==> flow/design.v <==
module my_mul_unit_stage (clock, RSTN, op_a_in, op_b_in, prod_out);
  parameter DATA_W = 5;
  input clock;
  input RSTN;
  input [DATA_W-1:0] op_a_in;
  input [DATA_W-1:0] op_b_in;
  output [2*DATA_W-1:0] prod_out;
  reg [DATA_W-1:0] r_op_a;
  reg [DATA_W-1:0] r_op_b;
  reg [2*DATA_W-1:0] r;
  integer idx;
  always @* begin
    r = 0;
    for (idx = 0; idx < DATA_W; idx = idx + 1)
      if (r_op_b[idx]) r = r + (r_op_a << idx);
  end
  assign prod_out = r;
  always @(posedge clock or negedge RSTN) begin
    if (!RSTN) begin
      r_op_a <= 0;
      r_op_b <= 0;
    end else begin
      r_op_a <= op_a_in;
      r_op_b <= op_b_in;
    end
  end
endmodule
# ---- Step by step through the tools: my_mul_unit_stage
# A sweep over "DATA_W": the same steps for each member of the family.
# The file above is the member DATA_W 5. Line numbers count from 1 in each member's own file.
# Operators: Yosys type, input widths -> output width; for muxes data width and select width s.
# Library cell names are shortened.
# A cell with n/a has no value.
dict set report inputs {
  top_module {my_mul_unit_stage}
  clock {clock}
  lib {sky130hd}
  corner {tt_025C_1v80}
}

# ---- Members of the sweep
# Lines of each other member's file that are new or changed against the file above; lines that a member lacks are not shown.
# DATA_W line_no
set src_changes {}
lappend src_changes {12 2} ;# parameter DATA_W = 12;
lappend src_changes {14 2} ;# parameter DATA_W = 14;

# ---- After elaboration
# Source: Yosys, flattened and elaborated, memories not mapped. Widths are those after wreduce; folded enables and synchronous resets count as part of the registers. Registers that Yosys merges into a memory's read port (data or address) are not register bits. Print and check cells do not count. Equal cells are merged and count once.
# DATA_W ff_bits in_bits output_inout_bits elab_cells
set bits {}
lappend bits {5 10 12 10 11}
lappend bits {12 24 26 24 25}
lappend bits {14 28 30 28 29}
# DATA_W add_sub_neg muxes
set op_classes {}
lappend op_classes {5 4 5}
lappend op_classes {12 11 12}
lappend op_classes {14 13 14}
# DATA_W op_list
set op_table {}
lappend op_table {5 {$mux 10: 4; $add 10x6->10: 1; $add 10x7->10: 1; $add 10x8->10: 1; $add 10x9->10: 1; $mux 5: 1}}
lappend op_table {12 {$mux 24: 11; $add 24x13->24: 1; $add 24x14->24: 1; $add 24x15->24: 1; $add 24x16->24: 1; $add 24x17->24: 1; $add 24x18->24: 1; $add 24x19->24: 1; $add 24x20->24: 1; $add 24x21->24: 1; $add 24x22->24: 1; $add 24x23->24: 1; $mux 12: 1}}
lappend op_table {14 {$mux 28: 13; $add 28x15->28: 1; $add 28x16->28: 1; $add 28x17->28: 1; $add 28x18->28: 1; $add 28x19->28: 1; $add 28x20->28: 1; $add 28x21->28: 1; $add 28x22->28: 1; $add 28x23->28: 1; $add 28x24->28: 1; $add 28x25->28: 1; $add 28x26->28: 1; $add 28x27->28: 1; $mux 14: 1}}

# ---- Depth
# Longest topological path by Yosys (ltp), each cell counted once; first at word level (registers and memories cut), then after technology mapping (sequential cells cut; the memories' decode and read muxes count).
# DATA_W depth_word abc_area depth_mapped depth_no_buf
set depth {}
lappend depth {5 9 0 22 22}
lappend depth {12 23 0 77 76}
lappend depth {14 27 0 98 96}

# ---- After synthesis
# Yosys stat after the flow's synthesis: flattened, memories mapped to cells. It holds for the ABC_AREA given above (unset counts as 0); a run with the other value may have another netlist.
# Totals and module areas in this step are rounded.
# DATA_W type_list
set types {}
lappend types {5 {dfrtp_1: 10; ha_1: 20; fa_1: 4; mux2_2: 6; xnor2_1: 7; a21o_1: 8; a21oi_1: 10; nand2_1: 10; xor2_1: 4; and2_1: 4; nand2b_1: 4; o21a_1: 3; nand3_1: 4; inv_1: 5; a32oi_2: 1; a311oi_2: 1; clkbuf_1: 4; nor2_1: 4; [+23]}}
lappend types {12 {ha_1: 137; dfrtp_1: 24; a21oi_1: 91; nand2_1: 114; o21ai_0: 82; xnor2_1: 41; mux2_2: 31; nor2_1: 88; xor2_1: 35; o21a_1: 39; a21o_1: 34; fa_1: 11; inv_1: 53; nor3_1: 33; mux2i_1: 16; nor2b_1: 25; a211oi_1: 18; nand2b_1: 20; [+271]}}
lappend types {14 {ha_1: 194; dfrtp_1: 28; o21ai_0: 128; xnor2_1: 73; a21oi_1: 126; nand2_1: 147; nor2_1: 146; mux2_2: 40; a21o_1: 53; xor2_1: 43; inv_1: 88; o21a_1: 35; fa_1: 13; a211oi_1: 34; nor3_1: 36; a31oi_1: 28; mux2i_1: 17; clkbuf_1: 45; [+350]}}
# The mark [+n] counts cells that are not listed.
# DATA_W cell_count mapped_area_mm2 seq_area_mm2 ffs n_buf
set synth_totals {}
lappend synth_totals {5 132 0.0012 0.00025 10 4}
lappend synth_totals {12 1163 0.0086 0.0006 24 34}
lappend synth_totals {14 1624 0.012 0.0007 28 50}

# ---- Worst setup path after synthesis
# Source: OpenSTA report_checks on the synthesized netlist (no wires, ideal clock, input and output delay 20% of the period each), path of least setup slack; recovery checks are left aside. Register names are those of the netlist, which keeps one name where synthesis merged equal registers.
# DATA_W path_type startpoint endpoint tclk_ns path_slack_ns stages path_delay_ns period_less_setup_slack_ns
set synth_path {}
lappend synth_path {5 {register to output} {register r_op_a[1]} {output prod_out[8]} 7.44 1.193 23 4.759 6.247}
lappend synth_path {12 {register to output} {register r_op_a[1]} {output prod_out[21]} 22.0 3.512 71 14.088 18.488}
lappend synth_path {14 {register to output} {register r_op_a[1]} {output prod_out[26]} 25.7 4.123 89 16.437 21.577}
# "path_delay_ns" = arrival - input delay + setup time.
# At an output port there is no setup time.
# "stages": output pins that drive a net of the path, with the launching flip-flop's if there is one; two outputs of one cell count as two.
# "period_less_setup_slack_ns" is the clock period less the worst setup slack; recovery checks do not enter. This is arithmetic on one report: input and output delays are still those of the set period (20% each).
# The rows between start and end are the longest chain of elaborated cells between them; the timing report does not say that the signal goes this way. Where chains are equally long, one stands for them.
# A line is the first line of the expression or statement that the cell stems from. Yosys adds cells for indexed reads and writes and turns some case tables into memories.
dict set report synth_between_DATA_W_5 {
  elab_chain_len 9
}
# element line_no
set synth_lines_DATA_W_5 {}
lappend synth_lines_DATA_W_5 {{from (decl)} 8} ;# reg [DATA_W-1:0] r_op_a;
lappend synth_lines_DATA_W_5 {{from (assign)} 20} ;# r_op_a <= 0;
lappend synth_lines_DATA_W_5 {{from (assign)} 23} ;# r_op_a <= op_a_in;
lappend synth_lines_DATA_W_5 {{$mux 5} 15} ;# if (r_op_b[idx]) r = r + (r_op_a << idx);
lappend synth_lines_DATA_W_5 {{$add 10x6->10} 15}
lappend synth_lines_DATA_W_5 {{$mux 10} 15}
lappend synth_lines_DATA_W_5 {{$add 10x7->10} 15}
lappend synth_lines_DATA_W_5 {{$mux 10} 15}
lappend synth_lines_DATA_W_5 {{$add 10x8->10} 15}
lappend synth_lines_DATA_W_5 {{$mux 10} 15}
lappend synth_lines_DATA_W_5 {{$add 10x9->10} 15}
lappend synth_lines_DATA_W_5 {{$mux 10} 15}
lappend synth_lines_DATA_W_5 {{to (decl)} 7} ;# output [2*DATA_W-1:0] prod_out;
dict set report synth_between_DATA_W_14 {
  elab_chain_len 27
}
# element line_no
set synth_lines_DATA_W_14 {}
lappend synth_lines_DATA_W_14 {{from (decl)} 8} ;# reg [DATA_W-1:0] r_op_a;
lappend synth_lines_DATA_W_14 {{from (assign)} 20} ;# r_op_a <= 0;
lappend synth_lines_DATA_W_14 {{from (assign)} 23} ;# r_op_a <= op_a_in;
lappend synth_lines_DATA_W_14 {{$mux 14} 15} ;# if (r_op_b[idx]) r = r + (r_op_a << idx);
lappend synth_lines_DATA_W_14 {{$add 28x15->28} 15}
lappend synth_lines_DATA_W_14 {{$mux 28} 15}
lappend synth_lines_DATA_W_14 {{$add 28x16->28} 15}
lappend synth_lines_DATA_W_14 {{$mux 28} 15}
lappend synth_lines_DATA_W_14 {{$add 28x17->28} 15}
lappend synth_lines_DATA_W_14 {{$mux 28} 15}
lappend synth_lines_DATA_W_14 {{[13 not listed]} n/a}
lappend synth_lines_DATA_W_14 {{$mux 28} 15}
lappend synth_lines_DATA_W_14 {{$add 28x25->28} 15}
lappend synth_lines_DATA_W_14 {{$mux 28} 15}
lappend synth_lines_DATA_W_14 {{$add 28x26->28} 15}
lappend synth_lines_DATA_W_14 {{$mux 28} 15}
lappend synth_lines_DATA_W_14 {{$add 28x27->28} 15}
lappend synth_lines_DATA_W_14 {{$mux 28} 15}
lappend synth_lines_DATA_W_14 {{to (decl)} 7} ;# output [2*DATA_W-1:0] prod_out;

# ---- Timing after layout
# From the final timing report of the run of each member: the path of least setup slack in the routed layout; clock arrival at registers is part of the times.
# DATA_W path_type startpoint endpoint tclk_ns path_slack_ns stages arrival_ns path_buffers
set layout_path {}
lappend layout_path {5 {register to output} {register r_op_b[0]} {output prod_out[8]} 7.44 0.28 25 5.67 2}
lappend layout_path {12 {register to output} {register r_op_a[1]} {output prod_out[21]} 22.0 1.13 74 16.47 2}
lappend layout_path {14 {register to output} {register r_op_a[1]} {output prod_out[26]} 25.7 1.32 90 19.24 1}

# ---- Layout results
# Settings and results of one run of the flow (Yosys, OpenROAD) for each member follow. The constraints put input and output delay at 20% of the set period each and load the outputs with 0.01 pF.
dict set report flow_settings {
  CAP_MARGIN 20
  CORE_MARGIN 2
  CORE_UTILIZATION 40
  SLEW_MARGIN 20
}
# DATA_W period_ns
set settings_by_member {}
lappend settings_by_member {5 7.44}
lappend settings_by_member {12 22.0}
lappend settings_by_member {14 25.7}
# DATA_W synth_area_mm2 total_die_area_mm2 post_route_stdcell_area_mm2 layout_utilization_frac ws_setup_ns timing.setup.tns_ns period_reached_ns
set measured {}
lappend measured {5 0.0012 0.0036 0.0016 0.52 0.28 0.000 7.162}
lappend measured {12 0.0086 0.023 0.0096 0.46 1.1 0.000 20.874}
lappend measured {14 0.012 0.031 0.013 0.45 1.3 0.000 24.377}
# "period_reached_ns" is the run's clock period less its worst setup slack. It is reckoned from that one timing run; input and output delays stay at 20% of the period that was set.
# Measured values are rounded.
